==> flow/design.v <==
module sync_scratch (clk, rst_n, wr_en_i, wsel_i, wr_data_i, raddr1_i, raddr2_i, q1_o, q2_o);
    parameter integer DEPTH = 32;
    parameter integer DWIDTH = 4;
    localparam integer AWIDTH = $clog2(DEPTH);
    input clk;
    input rst_n;
    input wr_en_i;
    input [AWIDTH-1:0] wsel_i;
    input [DWIDTH-1:0] wr_data_i;
    input [AWIDTH-1:0] raddr1_i;
    input [AWIDTH-1:0] raddr2_i;
    output reg [DWIDTH-1:0] q1_o;
    output reg [DWIDTH-1:0] q2_o;
    reg wr_en_s;
    reg [AWIDTH-1:0] wsel_s;
    reg [DWIDTH-1:0] wr_data_s;
    reg [DWIDTH-1:0] regs [0:DEPTH-1];
    always @(posedge clk) begin
        if (wr_en_s)
            regs[wsel_s] <= wr_data_s;
    end
    reg [AWIDTH-1:0] raddr1_s;
    reg [AWIDTH-1:0] raddr2_s;
    always @(posedge clk or negedge rst_n) begin
        if (!rst_n) begin
            wr_en_s <= 1'b0;
            wsel_s <= 0;
            wr_data_s <= 0;
            raddr1_s <= 0;
            raddr2_s <= 0;
            q1_o <= 0;
            q2_o <= 0;
        end else begin
            wr_en_s <= wr_en_i;
            wsel_s <= wsel_i;
            wr_data_s <= wr_data_i;
            raddr1_s <= raddr1_i;
            raddr2_s <= raddr2_i;
            q1_o <= regs[raddr1_s];
            q2_o <= regs[raddr2_s];
        end
    end
endmodule
Ticket comment

Tool chain data of sync_scratch

Tool output for the members of one design family, told apart by "DWIDTH", in the order of the flow.
The file above is the member DWIDTH 4. Line numbers count from 1 in each member's own file.
Cell names lack the library's common part.
The mark -- stands for no value.

Top module: sync_scratch
Clock port: clk
Cell library: sky130hd
Timing corner: tt_025C_1v80

Members of the sweep

New or changed lines of each further member against the RTL above, in its own file; lines it lacks are not shown.

New or changed lines:

| DWIDTH | RTL line | text |
| 6      | 3        | `parameter integer DWIDTH = 6;` |
| 12     | 3        | `parameter integer DWIDTH = 12;` |
| 24     | 3        | `parameter integer DWIDTH = 24;` |

Word level

Source: Yosys, flattened and elaborated, memories not mapped. Widths are those after wreduce; folded enables and synchronous resets count as part of the registers. Registers that Yosys merges into a memory's read port (data or address) are not register bits. Print and check cells do not count.
Yosys's memory passes give these memory sizes; they may raise the number of words (mostly to a power of two), join words into wider ones and drop unused or constant bits.

Operators by class:

| DWIDTH | mux-type cells | reductions and logical operators |
| 4      | 3              | 2 |
| 6      | 3              | 2 |
| 12     | 3              | 2 |
| 24     | 3              | 2 |

Operators with widths:

| DWIDTH | kinds with counts |
| 4      | 1 x two-way mux 5 bit; 1 x two-way mux 4 bit; 2 x logical NOT 1 bit; 1 x two-way mux 1 bit |
| 6      | 1 x two-way mux 6 bit; 1 x two-way mux 5 bit; 2 x logical NOT 1 bit; 1 x two-way mux 1 bit |
| 12     | 1 x two-way mux 12 bit; 1 x two-way mux 5 bit; 2 x logical NOT 1 bit; 1 x two-way mux 1 bit |
| 24     | 1 x two-way mux 24 bit; 1 x two-way mux 5 bit; 2 x logical NOT 1 bit; 1 x two-way mux 1 bit |

Word-level totals:

| DWIDTH | register bits | bits in writable memories | word width x clocked read ports | memories | bits of input ports | output and inout bits | word-level cells |
| 4      | 20            | 128                       | 8                               | 1        | 22                  | 8                     | 11 |
| 6      | 22            | 192                       | 12                              | 1        | 24                  | 12                    | 11 |
| 12     | 28            | 384                       | 24                              | 1        | 30                  | 24                    | 11 |
| 24     | 40            | 768                       | 48                              | 1        | 42                  | 48                    | 11 |

Memory list:

| DWIDTH | shape (words x width / read and write ports) |
| 4      | regs 32x4 r2 w1 |
| 6      | regs 32x6 r2 w1 |
| 12     | regs 32x12 r2 w1 |
| 24     | regs 32x24 r2 w1 |

Longest topological paths

Yosys ltp: most cells in a row. Word level: on the elaborated netlist, between registers, memories and ports. Mapped: between sequential cells and ports; inverters and the memories' decode and read muxes count.

Depth:

| DWIDTH | depth in word-level cells | ABC_AREA | gate-level depth with buffers | gate-level depth less buffers |
| 4      | 1                         | 0        | 5                             | 3 |
| 6      | 1                         | 0        | 5                             | 3 |
| 12     | 1                         | 0        | 8                             | 5 |
| 24     | 1                         | 0        | 8                             | 5 |

Synthesis result

The flow's flattened synthesis, as Yosys stat reports it; memories are mapped. The netlist is that of the ABC_AREA named above (0 if unset); the other value can give another one.

Synthesis totals:

| DWIDTH | cell count | chip area (Yosys) (µm²) | sequential part of the area (µm²) | mapped flip-flops | buffer cells |
| 4      | 308        | 6757.7                  | 4544.4                            | 156               | 19 |
| 6      | 430        | 9854.5                  | 6616.3                            | 226               | 27 |
| 12     | 1334       | 20016.7                 | 12832.3                           | 436               | 95 |
| 24     | 2648       | 38886.0                 | 25264.2                           | 856               | 195 |

Cells by type:

| DWIDTH | type and count |
| 4      | 128 x edfxtp_1; 80 x mux4_2; 28 x dfrtp_1; 33 x nor2_1; 8 x mux2_2; 4 x buf_6; 5 x nand3b_1; 9 x buf_1; 3 x or3b_2; 3 x buf_4; 2 x nand3_1; 2 x clkbuf_1; 1 x or3_1; 1 x buf_2; 1 x nand2_1 |
| 6      | 192 x edfxtp_1; 110 x mux4_2; 34 x dfrtp_1; 12 x mux2_2; 5 x mux4_1; 5 x mux4_4; 33 x nor2_1; 4 x buf_6; 10 x clkbuf_1; 5 x nand3b_1; 2 x buf_8; 5 x buf_2; 5 x buf_1; 2 x or3b_1; 2 x nand3_1; 1 x or3b_2; 1 x or3_1; 1 x clkbuf_2; 1 x nand2_1 |
| 12     | 384 x edfxtp_1; 384 x mux2i_1; 52 x dfrtp_1; 96 x a22oi_1; 48 x a22o_1; 16 x buf_12; 50 x nand3_1; 48 x a21oi_1; 49 x nand2_1; 24 x a31oi_1; 24 x nand4_1; 28 x buf_2; 35 x nor2_1; 11 x buf_6; 24 x nor3_1; 13 x buf_4; 21 x clkbuf_1; 4 x buf_8; [+23] |
| 24     | 768 x edfxtp_1; 768 x mux2i_1; 88 x dfrtp_1; 144 x a22oi_1; 96 x a22o_1; 146 x nand3_1; 144 x a21oi_1; 147 x nand2_1; 38 x buf_6; 48 x a31oi_1; 64 x clkbuf_1; 48 x nor3_1; 47 x buf_2; 30 x buf_4; 35 x nor2_1; 15 x buf_1; 5 x nand3b_1; 3 x or3b_2; [+14] |

A list marked [+n] leaves out that many cells.

Path before layout

Source: OpenSTA report_checks on the synthesized netlist (no wires, ideal clock, input and output delay 20% of the period each), path of least setup slack; recovery checks are left aside. Register names are those of the netlist, which keeps one name where synthesis merged equal registers.

Path after synthesis:

| DWIDTH | path type            | start point     | end point       | period (ps) | slack (ps) | stages on the path | path delay (ps) | synthesis period reached (ps) |
| 4      | register to register | reg raddr2_s[0] | reg q2_o[0]     | 2480        | 499        | 6                  | 1981            | 1981 |
| 6      | register to register | reg raddr1_s[2] | reg q1_o[0]     | 2750        | 554        | 6                  | 2196            | 2196 |
| 12     | register to register | reg wsel_s[1]   | mem regs[0][0]  | 2430        | 485        | 4                  | 1945            | 1945 |
| 24     | register to register | reg wsel_s[1]   | mem regs[28][0] | 3080        | 614        | 4                  | 2466            | 2466 |

"path delay" = arrival - input delay + setup time.
"stages on the path" counts driving pins, that of a launching flip-flop among them; a cell with two outputs on the path counts twice.
"synthesis period reached" = period - worst setup slack (recovery checks aside). The figure is calculated, with input and output delays left at 20% of the set period.
Between the ends stands the longest chain of elaborated cells between them, by number of cells; it is not shown to be the way that was timed. Of several equally long chains one is given.
A line is the first line of the expression or statement that the cell stems from. Yosys adds cells for indexed reads and writes and turns some case tables into memories.

Ends and longest elaborated chain, after synthesis, DWIDTH 4:

| element         | RTL line | text |
| start, declared | 23       | `reg [AWIDTH-1:0] raddr2_s;` |
| start, assigned | 30       | `raddr2_s <= 0;` |
| start, assigned | 38       | `raddr2_s <= raddr2_i;` |
| end, declared   | 13       | `output reg [DWIDTH-1:0] q2_o;` |

DWIDTH 4: Chain of elaborated cells between the ends: none given.

Between the ends, after synthesis, DWIDTH 24:
Cells in the longest elaborated chain: 1

Ends and longest elaborated chain, after synthesis, DWIDTH 24:

| element           | RTL line | text |
| start, declared   | 15       | `reg [AWIDTH-1:0] wsel_s;` |
| start, assigned   | 27       | `wsel_s <= 0;` |
| start, assigned   | 35       | `wsel_s <= wsel_i;` |
| two-way mux 5 bit | 19       | `if (wr_en_s)` |
| end, declared     | 17       | `reg [DWIDTH-1:0] regs [0:DEPTH-1];` |

Timing after layout

From the final timing report of each member's run: the path of least setup slack in the routed layout; clock arrival at registers is part of the times.
The path's times are printed in steps of 10 ps; the period is the one set.

Path post-layout:

| DWIDTH | path type            | start point     | end point    | period (ps) | slack (ps) | stages on the path | arrival (ps) | path buffers |
| 4      | register to register | reg raddr2_s[0] | reg q2_o[2]  | 2480        | 310        | 5                  | 2490         | 1 |
| 6      | register to register | reg raddr2_s[0] | reg q2_o[4]  | 2750        | 490        | 5                  | 2670         | 1 |
| 12     | register to register | reg raddr1_s[0] | reg q1_o[4]  | 2430        | 80         | 7                  | 2760         | 2 |
| 24     | register to register | reg raddr1_s[2] | reg q1_o[11] | 3080        | 590        | 8                  | 2980         | 2 |

Layout results

One run of the flow (Yosys, OpenROAD) for each member, with settings and measured results. Input and output delays are each 20% of the period that was set; the output load is 0.01 pF.

CAP_MARGIN: 20
CORE_MARGIN: 2
CORE_UTILIZATION: 40
SLEW_MARGIN: 20

Settings that differ:

| DWIDTH | period_ns |
| 4      | 2.48 |
| 6      | 2.75 |
| 12     | 2.43 |
| 24     | 3.08 |

Final reports:

| DWIDTH | cell area after synthesis (µm²) | die footprint (µm²) | area of the standard cells in the finished layout (µm²) | setup slack of the critical path (ps) | period achieved (ps) |
| 4      | 6757.7                          | 17950.6             | 7926.4                                                  | 308                                   | 2172 |
| 6      | 9854.5                          | 25908.1             | 11629.9                                                 | 491                                   | 2259 |
| 12     | 20016.7                         | 51847.3             | 23447.5                                                 | 82                                    | 2348 |
| 24     | 38886.0                         | 99726.5             | 45093.2                                                 | 591                                   | 2489 |

"period achieved": clock period set for the run, less the worst setup slack. It is reckoned from that one timing run; input and output delays stay at 20% of the period that was set.
